==> flow/design.v <==
module gen_chooser_v2 #(
  parameter integer XLEN = 3,
  parameter integer WAYS = 7,
  parameter integer LOGN = $clog2(WAYS)
) (
  input  CLK,
  input  [WAYS*XLEN-1:0] src,
  input  [LOGN-1:0] select,
  output [XLEN-1:0] result
);
  reg [WAYS*XLEN-1:0] r_src;
  reg [LOGN-1:0] r_select;
  reg [XLEN-1:0] nxt;
  integer i;
  always @(*) begin
    nxt = 0;
    for (i = 0; i < WAYS; i = i + 1)
      if (r_select == i) nxt = r_src[i*XLEN +: XLEN];
  end
  reg [XLEN-1:0] r_result;
  assign result = r_result;
  always @(posedge CLK) begin
    r_src <= src;
    r_select <= select;
    r_result <= nxt;
  end
endmodule
Ticket comment

Step by step through the tools: gen_chooser_v2:

A sweep over "XLEN": the same steps for each member of the family.
The RTL above is that of XLEN 3; lines are counted from 1 in the file of the member named.
Operators: Yosys type, input widths -> output width; for muxes data width and select width s.
Cell names lack the library's common part.
A cell with n/a has no value.

* top: gen_chooser_v2
* clock: CLK
* cell library: sky130hd
* timing corner: tt_025C_1v80

Source of the members:

New or changed lines of each further member against the RTL above, in its own file; lines it lacks are not shown.

New or changed lines
* XLEN 4: RTL line 2 `parameter integer XLEN = 4,`
* XLEN 6: RTL line 2 `parameter integer XLEN = 6,`
* XLEN 8: RTL line 2 `parameter integer XLEN = 8,`
* XLEN 16: RTL line 2 `parameter integer XLEN = 16,`
* XLEN 24: RTL line 2 `parameter integer XLEN = 24,`
* XLEN 48: RTL line 2 `parameter integer XLEN = 48,`

Word-level counts:

Source: Yosys, flattened and elaborated, memories not mapped. Widths are those after wreduce; folded enables and synchronous resets count as part of the registers. Registers that Yosys merges into a memory's read port (data or address) are not register bits. Print and check cells do not count. Equal cells are merged and count once.

Bit counts
* XLEN 3: output and inout bits 3, bits of input ports 25, register bits 27, word-level cells 17
* XLEN 4: output and inout bits 4, bits of input ports 32, register bits 35, word-level cells 17
* XLEN 6: output and inout bits 6, bits of input ports 46, register bits 51, word-level cells 17
* XLEN 8: output and inout bits 8, bits of input ports 60, register bits 67, word-level cells 17
* XLEN 16: output and inout bits 16, bits of input ports 116, register bits 131, word-level cells 17
* XLEN 24: output and inout bits 24, bits of input ports 172, register bits 195, word-level cells 17
* XLEN 48: output and inout bits 48, bits of input ports 340, register bits 387, word-level cells 17

Operators by class
* XLEN 3: reductions and logical operators 1, muxes and demuxes 7, equal/unequal tests 6
* XLEN 4: reductions and logical operators 1, muxes and demuxes 7, equal/unequal tests 6
* XLEN 6: reductions and logical operators 1, muxes and demuxes 7, equal/unequal tests 6
* XLEN 8: reductions and logical operators 1, muxes and demuxes 7, equal/unequal tests 6
* XLEN 16: reductions and logical operators 1, muxes and demuxes 7, equal/unequal tests 6
* XLEN 24: reductions and logical operators 1, muxes and demuxes 7, equal/unequal tests 6
* XLEN 48: reductions and logical operators 1, muxes and demuxes 7, equal/unequal tests 6

Operators with widths (kind and count)
* XLEN 3: $mux 3: 7; $eq 3x3->1 const B: 3; $eq 3x2->1 const B: 2; $eq 3x1->1 const B: 1; $logic_not 3->1: 1
* XLEN 4: $mux 4: 7; $eq 3x3->1 const B: 3; $eq 3x2->1 const B: 2; $eq 3x1->1 const B: 1; $logic_not 3->1: 1
* XLEN 6: $mux 6: 7; $eq 3x3->1 const B: 3; $eq 3x2->1 const B: 2; $eq 3x1->1 const B: 1; $logic_not 3->1: 1
* XLEN 8: $mux 8: 7; $eq 3x3->1 const B: 3; $eq 3x2->1 const B: 2; $eq 3x1->1 const B: 1; $logic_not 3->1: 1
* XLEN 16: $mux 16: 7; $eq 3x3->1 const B: 3; $eq 3x2->1 const B: 2; $eq 3x1->1 const B: 1; $logic_not 3->1: 1
* XLEN 24: $mux 24: 7; $eq 3x3->1 const B: 3; $eq 3x2->1 const B: 2; $eq 3x1->1 const B: 1; $logic_not 3->1: 1
* XLEN 48: $mux 48: 7; $eq 3x3->1 const B: 3; $eq 3x2->1 const B: 2; $eq 3x1->1 const B: 1; $logic_not 3->1: 1

Logic depth:

Depth = most cells in a row (Yosys ltp): at word level without a register or memory, in the mapped netlist without a sequential cell, where the memories' decode and read muxes count.

Logic depth
* XLEN 3: depth in word-level cells 8, ABC_AREA 0, mapped depth 4
* XLEN 4: depth in word-level cells 8, ABC_AREA 0, mapped depth 6
* XLEN 6: depth in word-level cells 8, ABC_AREA 0, mapped depth 5
* XLEN 8: depth in word-level cells 8, ABC_AREA 0, mapped depth 5
* XLEN 16: depth in word-level cells 8, ABC_AREA 0, mapped depth 7
* XLEN 24: depth in word-level cells 8, ABC_AREA 0, mapped depth 7
* XLEN 48: depth in word-level cells 8, ABC_AREA 0, mapped depth 7

Mapped cells and area:

Yosys stat after the flow's synthesis: flattened, memories mapped to cells. It holds for the ABC_AREA given above (unset counts as 0); a run with the other value may have another netlist.
The area totals of this step are shown rounded.

Cells by type (types with counts)
* XLEN 3: dfxtp_1: 27; mux2i_1: 9; a22o_1: 3; a31oi_1: 3; or2_1: 3; buf_6: 1; nand2_1: 3; and2b_2: 1; nor2b_1: 1; nor2_1: 1
* XLEN 4: dfxtp_1: 35; mux4_2: 2; mux2i_1: 4; mux2_1: 2; a21oi_1: 4; nor2_1: 5; a221oi_1: 2; o2bb2ai_1: 2; o32ai_1: 2; buf_8: 1; nand2b_1: 2; and3_4: 1; buf_6: 1; nand2_1: 2; or2b_1: 1; a31oi_1: 1; nor2b_1: 1; buf_2: 1; [+2]
* XLEN 6: dfxtp_1: 51; mux2i_1: 6; mux2_2: 5; nand3b_1: 7; o211a_1: 5; a2111oi_0: 5; nor2b_1: 5; o22ai_1: 5; nor3_1: 5; buf_6: 2; mux4_2: 1; buf_4: 1; clkbuf_1: 2; o211ai_1: 1; o21a_1: 1; nand2b_1: 1; buf_2: 1
* XLEN 8: dfxtp_1: 67; mux2i_1: 8; mux2_2: 6; mux4_1: 2; a2111oi_0: 5; a311oi_1: 5; and2b_1: 5; o22ai_1: 5; buf_8: 2; buf_6: 2; mux4_2: 1; nand2_1: 5; or2_2: 3; a2bb2oi_1: 2; or2_0: 2; a21oi_1: 2; buf_2: 2; o2bb2ai_1: 1; [+6]
* XLEN 16: dfxtp_1: 131; mux2_2: 16; mux2i_1: 16; a221oi_2: 10; o2bb2ai_1: 16; o32ai_1: 16; nand2b_1: 17; a21oi_1: 16; buf_6: 7; nor2_1: 16; a221oi_1: 6; buf_2: 6; clkbuf_1: 6; buf_4: 2; and3_1: 1; nor2b_1: 1; inv_2: 1; nand2_1: 1
* XLEN 24: dfxtp_1: 195; a221oi_2: 20; mux2i_1: 24; o2bb2ai_1: 24; o32ai_1: 24; mux2_2: 14; nand2b_1: 25; a21oi_1: 24; mux2_1: 10; nor2_1: 24; buf_6: 7; buf_2: 14; buf_4: 5; a221oi_1: 4; clkbuf_1: 6; and3_1: 1; nor2b_1: 1; inv_2: 1; nand2_1: 1
* XLEN 48: dfxtp_1: 387; mux2_2: 48; mux2i_1: 48; o2bb2ai_1: 48; o32ai_1: 48; a221oi_1: 41; nand2b_1: 49; a21oi_1: 48; nor2_1: 48; a221oi_2: 7; clkbuf_1: 28; buf_6: 7; buf_2: 15; buf_4: 10; and3_4: 1; nor2b_2: 1; buf_1: 2; inv_2: 1; nand2_1: 1

The mark [+n] counts cells that are not listed.

Mapped netlist
* XLEN 3: mapped area 735.7 um^2, mapped flip-flops 27, mapped cells 52, sequential area 540.5 um^2
* XLEN 4: mapped area 991.0 um^2, mapped flip-flops 35, mapped cells 71, sequential area 700.7 um^2
* XLEN 6: mapped area 1458 um^2, mapped flip-flops 51, mapped cells 104, sequential area 1021 um^2
* XLEN 8: mapped area 1901 um^2, mapped flip-flops 67, mapped cells 131, sequential area 1341 um^2
* XLEN 16: mapped area 3859 um^2, mapped flip-flops 131, mapped cells 285, sequential area 2623 um^2
* XLEN 24: mapped area 5766 um^2, mapped flip-flops 195, mapped cells 424, sequential area 3904 um^2
* XLEN 48: mapped area 11170 um^2, mapped flip-flops 387, mapped cells 838, sequential area 7747 um^2

Path before layout:

Source: OpenSTA report_checks on the synthesized netlist (no wires, ideal clock, input and output delay 20% of the period each), path of least setup slack; recovery checks are left aside. Register names are those of the netlist, which keeps one name where synthesis merged equal registers.

Timing path after synthesis
* XLEN 3: path type flip-flop to flip-flop, from register r_select[0], to register r_result[1], path slack 0.235 ns, clock period 1.17 ns, path delay 0.935 ns, stages 5, synthesis period reached 0.935 ns
* XLEN 4: path type flip-flop to flip-flop, from register r_select[0], to register r_result[0], path slack 0.286 ns, clock period 1.44 ns, path delay 1.154 ns, stages 5, synthesis period reached 1.154 ns
* XLEN 6: path type flip-flop to flip-flop, from register r_select[0], to register r_result[4], path slack 0.304 ns, clock period 1.51 ns, path delay 1.206 ns, stages 4, synthesis period reached 1.206 ns
* XLEN 8: path type flip-flop to flip-flop, from register r_select[0], to register r_result[5], path slack 0.320 ns, clock period 1.6 ns, path delay 1.280 ns, stages 4, synthesis period reached 1.28 ns
* XLEN 16: path type flip-flop to flip-flop, from register r_select[0], to register r_result[3], path slack 0.316 ns, clock period 1.59 ns, path delay 1.274 ns, stages 7, synthesis period reached 1.274 ns
* XLEN 24: path type flip-flop to flip-flop, from register r_select[0], to register r_result[10], path slack 0.310 ns, clock period 1.56 ns, path delay 1.250 ns, stages 7, synthesis period reached 1.25 ns
* XLEN 48: path type flip-flop to flip-flop, from register r_select[0], to register r_result[14], path slack 0.346 ns, clock period 1.74 ns, path delay 1.394 ns, stages 6, synthesis period reached 1.394 ns

"path delay" is the arrival time less input delay plus setup time.
"stages" counts driving pins, that of a launching flip-flop among them; a cell with two outputs on the path counts twice.
"synthesis period reached" is the clock period less the worst setup slack; recovery checks do not enter. This is arithmetic on one report: input and output delays are still those of the set period (20% each).
The rows between start and end are the longest chain of elaborated cells between them; the timing report does not say that the signal goes this way. Where chains are equally long, one stands for them.
Each line given opens the expression or statement behind the cell; cells for indexed reads and writes are added by Yosys, which also makes memories of some case tables.

On the way, after synthesis, XLEN 3:
* length of the longest elaborated chain: 8

RTL lines, path after synthesis, XLEN 3
* start, declared: RTL line 12 `reg [LOGN-1:0] r_select;`
* start, assigned: RTL line 24 `r_select <= select;`
* $logic_not 3->1: RTL line 18 `if (r_select == i) nxt = r_src[i*XLEN +: XLEN];`
* $mux 3 x7: RTL line 18
* end, assigned: RTL line 25 `r_result <= nxt;`
* end, declared: RTL line 20 `reg [XLEN-1:0] r_result;`

On the way, after synthesis, XLEN 48:
* length of the longest elaborated chain: 8

RTL lines, path after synthesis, XLEN 48
* start, declared: RTL line 12 `reg [LOGN-1:0] r_select;`
* start, assigned: RTL line 24 `r_select <= select;`
* $logic_not 3->1: RTL line 18 `if (r_select == i) nxt = r_src[i*XLEN +: XLEN];`
* $mux 48 x7: RTL line 18
* end, assigned: RTL line 25 `r_result <= nxt;`
* end, declared: RTL line 20 `reg [XLEN-1:0] r_result;`

Worst path after layout:

Path of least setup slack in the final report of each member's run (OpenROAD, finished layout, wires in). Where an end is a register, its clock arrival counts in the times.

Timing path after layout
* XLEN 3: path type flip-flop to output port, from register r_result[1], to output result[1], clock period 1.17 ns, stages 2, arrival 0.87 ns, path slack 0.07 ns
* XLEN 4: path type flip-flop to flip-flop, from register r_select[0], to register r_result[1], clock period 1.44 ns, stages 5, arrival 1.48 ns, path slack 0.18 ns
* XLEN 6: path type flip-flop to flip-flop, from register r_select[0], to register r_result[5], clock period 1.51 ns, stages 5, arrival 1.56 ns, path slack 0.20 ns
* XLEN 8: path type flip-flop to output port, from register r_result[5], to output result[5], clock period 1.6 ns, stages 2, arrival 1.17 ns, path slack 0.11 ns
* XLEN 16: path type flip-flop to flip-flop, from register r_select[0], to register r_result[2], clock period 1.59 ns, stages 6, arrival 1.83 ns, path slack 0.14 ns
* XLEN 24: path type flip-flop to flip-flop, from register r_select[0], to register r_result[4], clock period 1.56 ns, stages 6, arrival 1.80 ns, path slack 0.07 ns
* XLEN 48: path type flip-flop to output port, from register r_result[45], to output result[45], clock period 1.74 ns, stages 2, arrival 1.36 ns, path slack 0.03 ns

Layout results:

Settings and results of one run of the flow (Yosys, OpenROAD) for each member follow. The constraints put input and output delay at 20% of the set period each and load the outputs with 0.01 pF.

* CAP_MARGIN: 20
* CORE_MARGIN: 2
* CORE_UTILIZATION: 40
* SLEW_MARGIN: 20

Settings by member (period_ns)
* XLEN 3: 1.17
* XLEN 4: 1.44
* XLEN 6: 1.51
* XLEN 8: 1.6
* XLEN 16: 1.59
* XLEN 24: 1.56
* XLEN 48: 1.74

Final reports
* XLEN 3: die outline area 2198 um^2, synthesis area 735.7 um^2, total power after layout 1.527 mW, setup TNS 0.000 ns, standard-cell area of the final layout 1074 um^2, utilization 62.2%, worst hold slack after layout 0.346 ns, clock period reached 1.100 ns, setup slack of the worst path 0.070 ns
* XLEN 4: die outline area 2892 um^2, synthesis area 991.0 um^2, total power after layout 1.771 mW, setup TNS 0.000 ns, standard-cell area of the final layout 1426 um^2, utilization 59.2%, worst hold slack after layout 0.383 ns, clock period reached 1.260 ns, setup slack of the worst path 0.180 ns
* XLEN 6: die outline area 4143 um^2, synthesis area 1458 um^2, total power after layout 2.457 mW, setup TNS 0.000 ns, standard-cell area of the final layout 2095 um^2, utilization 61.3%, worst hold slack after layout 0.363 ns, clock period reached 1.311 ns, setup slack of the worst path 0.199 ns
* XLEN 8: die outline area 5319 um^2, synthesis area 1901 um^2, total power after layout 3.421 mW, setup TNS 0.000 ns, standard-cell area of the final layout 2819 um^2, utilization 60.5%, worst hold slack after layout 0.442 ns, clock period reached 1.486 ns, setup slack of the worst path 0.114 ns
* XLEN 16: die outline area 10450 um^2, synthesis area 3859 um^2, total power after layout 7.921 mW, setup TNS 0.000 ns, standard-cell area of the final layout 5911 um^2, utilization 63.7%, worst hold slack after layout 0.263 ns, clock period reached 1.450 ns, setup slack of the worst path 0.140 ns
* XLEN 24: die outline area 15390 um^2, synthesis area 5766 um^2, total power after layout 10.87 mW, setup TNS 0.000 ns, standard-cell area of the final layout 8499 um^2, utilization 60.8%, worst hold slack after layout 0.321 ns, clock period reached 1.493 ns, setup slack of the worst path 0.067 ns
* XLEN 48: die outline area 29280 um^2, synthesis area 11170 um^2, total power after layout 19.42 mW, setup TNS 0.000 ns, standard-cell area of the final layout 16690 um^2, utilization 60.4%, worst hold slack after layout 0.273 ns, clock period reached 1.706 ns, setup slack of the worst path 0.034 ns

"clock period reached" is the run's clock period less its worst setup slack. It is reckoned from that one timing run; input and output delays stay at 20% of the period that was set.
"total power after layout": no workload was simulated; the value follows from the tool's default switching activity.
The measured numbers are rounded.
